==> flow/design.v <==
module alu_sub_unit_mod #(
    parameter int WIDTH = 72
) (
    input  logic sys_clk,
    input  logic [WIDTH-1:0] i_da,
    input  logic [WIDTH-1:0] i_db,
    output logic [WIDTH:0] o_result,
    output logic [WIDTH:0] o_out
);
    logic [WIDTH-1:0] r_da;
    logic [WIDTH-1:0] r_db;
    always_ff @(posedge sys_clk) begin
        r_da <= i_da;
        r_db <= i_db;
        o_result <= r_da + r_db;
        o_out <= r_da - r_db;
    end
endmodule
==> Step by step through the tools: alu_sub_unit_mod <==
What the tools print for alu_sub_unit_mod, step after step.
Line numbers count from 1 in the design file above.
Operators carry their Yosys type and port widths (W data, S select, Z words).
Library cell names are shortened.
{ "setup": {"top": "alu_sub_unit_mod", "clock": "sys_clk", "library": "sky130hd", "pvt_corner": "tt_025C_1v80"} }

==> Word-level counts <==
Counts by Yosys on the flattened word-level netlist (proc, flatten, opt, wreduce; memories kept). Register bits leave out memories and registers merged into their read ports (data or address); mux counts leave out enables and synchronous resets folded into registers. Print and check cells are left out. Cells with the same type and inputs are merged into one.
{ "bits": {"regBits": 290, "inputBits": 145, "elab_cells": 6} }
{ "classes": {"addsub": 2} }
{ "op_table": {"columns": ["operator", "n"], "rows": [
  ["$add A72 B72 Y73", 1],
  ["$sub A72 B72 Y73", 1]
]} }

==> Longest topological paths <==
Depth = most cells in a row (Yosys ltp): at word level without a register or memory, in the mapped netlist without a sequential cell, where the memories' decode and read muxes count.
{ "logic_depth": {"word_depth": 1, "abc_area": 1, "ltp_mapped": 18, "ltp_nobuf": 17} }

==> Netlist <==
The flow's flattened synthesis, as Yosys stat reports it; memories are mapped. The netlist is that of the ABC_AREA named above (0 if unset); the other value can give another one.
{ "mapped": {"stdcells": 2839, "yosys_area_um2": 18096.1, "ff_cells": 289} }
{ "by_type": {"columns": ["cell", "n", "type_area_um2"], "rows": [
  ["dfxtp_1", 289, 5.79E+03],
  ["nand2_1", 846, 3.18E+03],
  ["inv_1", 550, 2064.48],
  ["ha_1", 144, 1.8E+03],
  ["nor2_1", 339, 1272.47],
  ["a21oi_1", 182, 910.874],
  ["xor2_1", 72, 630.605],
  ["o21ai_0", 111, 555.533],
  ["nand3_1", 91, 455.437],
  ["buf_2", 42, 210.202],
  ["nor2_2", 23, 143.888],
  ["buf_4", 17, 127.622],
  ["nand3_2", 12, 120.115],
  ["o21bai_1", 16, 120.115],
  ["nand2_2", 16, 100.096],
  ["nor3_1", 16, 80.077],
  ["nor4_1", 12, 75.072],
  ["buf_6", 5, 56.304]
]} }
Not listed: further types 16, cells in them 56.

==> Timing after synthesis <==
OpenSTA on the mapped netlist: ideal clock, no wires. The path of least setup slack (recovery checks aside). Input and output delay are each 20% of the period. Register names are those of the netlist, which keeps one name where synthesis merged equal registers.
{ "synth_path": {"path_kind": "register to register", "from": "register r_da[0]", "to": "register o_out[62]", "clock_period_ps": 3570, "setup_ps": 112, "launch_ps": 0, "arrival_ps": 1839, "required_time_ps": 3458, "path_slack_ps": 1619, "delay_ps": 1951, "path_stages": 16, "n_path_buf": 0, "synth_period_reached_ps": 1951} }
"delay_ps" is the arrival time less input delay plus setup time.
"path_stages" counts driving pins, that of a launching flip-flop among them; a cell with two outputs on the path counts twice.
"synth_period_reached_ps" = period - worst setup slack (recovery checks aside). The figure is calculated, with input and output delays left at 20% of the set period.
The rows between start and end are the longest chain of elaborated cells between them; the timing report does not say that the signal goes this way. Where chains are equally long, one stands for them.
A line is the first line of the expression or statement that the cell stems from. Yosys adds cells for indexed reads and writes and turns some case tables into memories.
{ "synth_via": {"path_cell_list": "dfxtp_1 inv_1 ha_1 fa_1 inv_1 nand3_1 nand3_1 nand2_1 nand2_1 nand2_1 nand3_2 nand2_1 nand2_1 nand2_1 nand3_1 nand2_1", "elab_chain_len": 1, "cone_cells": 1, "lines_between": 1, "cone_classes": "add/sub (1)"} }
{ "synth_lines": {"columns": ["item", "line", "source"], "rows": [
  ["from (decl)", 10, "logic [WIDTH-1:0] r_da;"],
  ["from (assign)", 13, "r_da <= i_da;"],
  ["$sub A72 B72 Y73", 16, "o_out <= r_da - r_db;"],
  ["to (assign)", 16, null],
  ["to (decl)", 8, "output logic [WIDTH:0] o_out"]
]} }

==> Path in the finished layout <==
Path of least setup slack in the final report of entry A (OpenROAD, finished layout, wires in). Where an end is a register, its clock arrival counts in the times.
The path's times are printed in steps of 10 ps; the period is the one set.
{ "layout_path": {"path_kind": "register to register", "from": "register r_db[32]", "to": "register o_result[39]", "clock_period_ps": 3780, "setup_ps": 170, "launch_ps": 620, "arrival_ps": 3650, "required_time_ps": 4220, "path_slack_ps": 570, "path_stages": 11, "n_path_buf": 0} }
The rows between start and end are the longest chain of elaborated cells between them; the timing report does not say that the signal goes this way. Where chains are equally long, one stands for them.
{ "layout_via": {"path_cell_list": "dfxtp_1 inv_1 ha_2 inv_1 a21oi_1 o21ai_0 nand2_1 nand2_1 a21oi_1 nand2_2 xor2_1", "elab_chain_len": 1, "cone_cells": 1, "lines_between": 1, "cone_classes": "add/sub (1)"} }
{ "layout_lines": {"columns": ["item", "line", "source"], "rows": [
  ["from (decl)", 11, "logic [WIDTH-1:0] r_db;"],
  ["from (assign)", 14, "r_db <= i_db;"],
  ["$add A72 B72 Y73", 15, "o_result <= r_da + r_db;"],
  ["to (assign)", 15, null],
  ["to (decl)", 7, "output logic [WIDTH:0] o_result,"]
]} }

# Flow runs of alu_sub_unit_mod

Below are 2 stored runs of the flow (Yosys, OpenROAD; platform sky130hd) on alu_sub_unit_mod, each with its settings and what was measured, unordered. Constraints: input delay and output delay 20% of the set period each, output load 0.01 pF.
"period_reached_ps" means the clock period less the worst setup slack. The figure is calculated, with input and output delays left at 20% of the set period.
"timing.worst_path_ps" means the part of the period allowed to the worst setup path (the constraints hold back 20% at inputs and 20% at outputs) less its slack; where the path has registers, the arrival times of their clocks count too.
By "design_power_mw" is meant OpenSTA's value without simulated activity: inputs other than the clock are taken to toggle once in ten clock periods, and the tool carries that through the logic.
"timing.worst_path_ps" is given in steps of 10 ps.

Entry A
==> flow/run.sh <==
#!/bin/bash
# the make line also repeats the synthesis and layout settings of config.mk as NAME=value (left out here)
make -C /OpenROAD-flow-scripts/flow DESIGN_CONFIG=/design/flow/config.mk WORK_HOME=/design/flow/orfs CLKGATE_MAP_FILE= finish
==> flow/config.mk <==
export PLATFORM = sky130hd
export DESIGN_NAME = alu_sub_unit_mod
export DESIGN_NICKNAME = alu_sub_unit_mod
export VERILOG_FILES = /design/flow/design.v
export SDC_FILE = /design/flow/constraint.sdc
export NUM_CORES = 4
export LEC_CHECK = 0
export ABC_AREA = 1
export CAP_MARGIN = 30
export CORE_ASPECT_RATIO = 0.79
export CORE_MARGIN = 2
export CORE_UTILIZATION = 29
export CTS_CLUSTER_DIAMETER = 254
export MIN_ROUTING_LAYER = met2
export PLACE_DENSITY_LB_ADDON = 0.08
export SETUP_SLACK_MARGIN = 0.6
export SLEW_MARGIN = 20
==> flow/constraint.sdc <==
create_clock -name core_clock -period 3.78 [get_ports {sys_clk}]
set_input_delay 0.7560 -clock core_clock [delete_from_list [all_inputs] [get_ports {sys_clk}]]
set_output_delay 0.7560 -clock core_clock [all_outputs]
set_load 0.01 [all_outputs]

==> results of entry A, as JSON <==
{
  "final_die_area_um2": 64427.3,
  "design_power_mw": 10.335,
  "final_stdcell_area_um2": 22783.1,
  "setup_worst_slack_ps": 573,
  "timing.setup.tns_ps": 0,
  "ys_area_um2": 18096.1,
  "fin_hold_ws_ps": 542,
  "timing.worst_path_ps": 3210,
  "critical_path_kind": "register to register",
  "period_reached_ps": 3207,
  "final_util_frac": 0.369
}

Entry B
==> flow/run.sh <==
#!/bin/bash
# the make line also repeats the synthesis and layout settings of config.mk as NAME=value (left out here)
make -C /OpenROAD-flow-scripts/flow DESIGN_CONFIG=/design/flow/config.mk WORK_HOME=/design/flow/orfs CLKGATE_MAP_FILE= finish
==> flow/config.mk <==
export PLATFORM = sky130hd
export DESIGN_NAME = alu_sub_unit_mod
export DESIGN_NICKNAME = alu_sub_unit_mod
export VERILOG_FILES = /design/flow/design.v
export SDC_FILE = /design/flow/constraint.sdc
export NUM_CORES = 4
export LEC_CHECK = 0
export CAP_MARGIN = 20
export CORE_MARGIN = 2
export CORE_UTILIZATION = 40
export SLEW_MARGIN = 20
==> flow/constraint.sdc <==
create_clock -name core_clock -period 3.57 [get_ports {sys_clk}]
set_input_delay 0.7140 -clock core_clock [delete_from_list [all_inputs] [get_ports {sys_clk}]]
set_output_delay 0.7140 -clock core_clock [all_outputs]
set_load 0.01 [all_outputs]

==> results of entry B, as JSON <==
{
  "final_die_area_um2": 39577.1,
  "design_power_mw": 10.261,
  "final_stdcell_area_um2": 20628.5,
  "setup_worst_slack_ps": 112,
  "timing.setup.tns_ps": 0,
  "ys_area_um2": 15200.8,
  "fin_hold_ws_ps": 533,
  "timing.worst_path_ps": 3460,
  "critical_path_kind": "register to register",
  "period_reached_ps": 3458,
  "final_util_frac": 0.549
}
